==> flow/design.v <==
module rf #(
   parameter DEPTH = 128,
   parameter DW = 16,
   parameter AWIDTH = $clog2(DEPTH)
) (
   input  wire sys_clk,
   input  wire load_i,
   input  wire [AWIDTH-1:0] waddr_i,
   input  wire [DW-1:0] write_data_i,
   input  wire [AWIDTH-1:0] ra_a_i,
   input  wire [AWIDTH-1:0] ra_b_i,
   output wire [DW-1:0] rdata_a_o,
   output wire [DW-1:0] rdata_b_o
);
   reg [DW-1:0] bank [0:DEPTH-1];
   always @(posedge sys_clk) begin
      if (load_i)
         bank[waddr_i] <= write_data_i;
   end
   assign rdata_a_o = bank[ra_a_i];
   assign rdata_b_o = bank[ra_b_i];
endmodule
# Step by step through the tools: rf
# The steps from the RTL of rf to its reports follow in flow order.
# Lines are those of the file above, counted from 1.
# Cell names lack the library's common part.
# The mark -- stands for no value.
# inputs
top	rf
clock_port	sys_clk
library	sky130hd
corner	tt_025C_1v80

# Elaborated design
# Counts by Yosys on the flattened word-level netlist (proc, flatten, opt, wreduce; memories kept). Register bits leave out memories and registers merged into their read ports (data or address); mux counts leave out enables and synchronous resets folded into registers. Print and check cells are left out. Cells with the same type and inputs are merged into one.
# Yosys's memory passes give these memory sizes; they may raise the number of words (mostly to a power of two), join words into wider ones and drop unused or constant bits.
# op_classes
mux	3
# ops
op	count
16-bit two-way mux	1
7-bit two-way mux	1
1-bit two-way mux	1
# bits
output_inout_bits	32
register_bits	0
n_memories	1
ram_bits	2048
# memory_table
memory	words	word_bits	rd	write_ports	line	rtl
bank	128	16	2	1	15	reg [DW-1:0] bank [0:DEPTH-1];

# Longest topological paths
# Longest topological path by Yosys (ltp), each cell counted once; first at word level (registers and memories cut), then after technology mapping (sequential cells cut; the memories' decode and read muxes count).
# depth
depth_word	1
abc_area	0
ltp_mapped	7

# Netlist
# Source: synth_stat.txt of the flow (Yosys; design flattened, memories mapped). It holds for the ABC_AREA given above (unset counts as 0); a run with the other value may have another netlist.
# mapped
n_buf	315
seq_area_um2	61499.0
flip_flops	2048
mapped_area_um2	94155.3
stdcells	3909
# types
type	count	area_total_um2
edfxtp_1	2048	6.15E+04
mux4_2	1344	3.03E+04
clkbuf_1	163	611.837
buf_2	106	530.509
nor2_1	122	457.939
mux2_2	32	360.346
buf_1	44	165.158
nand3_1	12	60.058
nand2_1	14	52.55
nor3_1	9	45.043
nor2b_1	7	43.792
buf_6	2	22.522
nand4_1	3	18.768
nand2b_1	2	12.512
or3_1	1	6.256

# Path before layout
# OpenSTA on the mapped netlist: ideal clock, no wires. The path of least setup slack (recovery checks aside). Input and output delay are each 20% of the period. Register names are those of the netlist, which keeps one name where synthesis merged equal registers.
# synth_timing
kind	input port to output port
start	input port ra_b_i[0]
end	output port rdata_b_o[0]
t_first_pin_ns	1.004
arrival_ns	3.415
path_delay_ns	2.411
driving_pins	6
clock_period_ns	5.02
n_path_buf	2
input_delay_ns	1.004
path_slack_ns	0.601
output_delay_ns	1.004
period_less_setup_slack_ns	4.419
# "path_delay_ns" is the arrival time less input delay plus setup time.
# A path that ends at an output port has no setup time.
# "driving_pins" counts driving pins, that of a launching flip-flop among them; a cell with two outputs on the path counts twice.
# "period_less_setup_slack_ns" is the clock period less the worst setup slack; recovery checks do not enter. This is arithmetic on one report: input and output delays are still those of the set period (20% each).
# The rows between start and end are the longest chain of elaborated cells between them; the timing report does not say that the signal goes this way. Where chains are equally long, one stands for them.
# Each line given opens the expression or statement behind the cell; cells for indexed reads and writes are added by Yosys, which also makes memories of some case tables.
# The chain passes a memory read, where the word-level depth is cut; so it can be longer than that depth.
# synth_via
cell_sequence	buf_2 > clkbuf_1 > mux4_2 > mux4_2 > mux4_2 > mux2_2
elab_chain_cells	1
cells_between	1
cone_classes	memory: 1
# synth_rtl
item	line	rtl
start: declaration	11	input  wire [AWIDTH-1:0] ra_b_i,
memory 128 x 16 bit	15	reg [DW-1:0] bank [0:DEPTH-1];
end: declaration	13	output wire [DW-1:0] rdata_b_o

# Path in the finished layout
# From the final timing report of flow run A: the path of least setup slack in the routed layout; clock arrival at registers is part of the times.
# layout_timing
kind	input port to output port
start	input port ra_a_i[0]
end	output port rdata_a_o[6]
path_slack_ns	-0.38
n_path_buf	7
input_delay_ns	0.92
driving_pins	11
t_first_pin_ns	0.92
output_delay_ns	0.92
clock_period_ns	4.58
arrival_ns	4.04
# The rows between start and end are the longest chain of elaborated cells between them; the timing report does not say that the signal goes this way. Where chains are equally long, one stands for them.
# The chain passes a memory read, where the word-level depth is cut; so it can be longer than that depth.
# layout_via
cell_sequence	buf_16 > buf_16 > buf_16 > buf_12 > buf_12 > buf_6 > mux4_2 > mux4_2 > mux4_2 > mux2_4 > buf_6
elab_chain_cells	1
cells_between	1
cone_classes	memory: 1
# layout_rtl
item	line	rtl
start: declaration	10	input  wire [AWIDTH-1:0] ra_a_i,
memory 128 x 16 bit	15	reg [DW-1:0] bank [0:DEPTH-1];
end: declaration	12	output wire [DW-1:0] rdata_a_o,

# Design rf on sky130hd. What follows are 3 stored runs of the flow, each under its own settings; their order means nothing. The constraints put input and output delay at 20% of the set period each and load the outputs with 0.01 pF.
# "achieved_clock_period_ns" means the clock period less the worst setup slack. The figure is calculated, with input and output delays left at 20% of the set period.
# "worst_path_allowed_less_slack_ns" means the part of the period allowed to the worst setup path (the constraints hold back 20% at inputs and 20% at outputs) less its slack; where the path has registers, the arrival times of their clocks count too.
# By "total_power_uw" is meant OpenSTA's value without simulated activity: inputs other than the clock are taken to toggle once in ten clock periods, and the tool carries that through the logic.
# A setting shown as . is not set for that run.
stored run	period_ns	CORE_UTILIZATION	SETUP_SLACK_MARGIN	CORE_ASPECT_RATIO	CELL_PAD_IN_SITES_GLOBAL_PLACEMENT	GPL_TIMING_DRIVEN	CTS_CLUSTER_SIZE	MIN_ROUTING_LAYER	CAP_MARGIN	CORE_MARGIN	SLEW_MARGIN	PLACE_DENSITY_LB_ADDON	TNS_END_PERCENT	ABC_AREA	CTS_CLUSTER_DIAMETER	MAX_ROUTING_LAYER	worst_hold_slack_ns	post_synth_area_um2	worst_path_allowed_less_slack_ns	worst_path_kind	post_route_stdcell_area_um2	achieved_clock_period_ns	final_setup_ws_ns	design.die.area_um2	finish.utilization_pct	total_power_uw	fin_tns_ns
flow run A	4.58	48	0.83	1.2	3	0	57	met1	20	2	20	.	.	.	.	.	0.424	94155.3	3.13	input port to output port	112369.0	4.958	-0.378	199729.0	57.5	42402	-9.113
flow run B	3.79	56	.	0.58	1	.	.	.	30	2	20	0.14	30	0	346	met4	0.301	94155.3	2.96	input port to output port	111083.0	4.475	-0.685	171553.0	66.6	48973	-19.768
flow run C	5.02	40	.	.	.	.	.	.	20	2	20	.	.	.	.	.	0.515	94155.3	3.03	input port to output port	110762.0	5.040	-0.020	239287.0	47.2	37696	-0.030
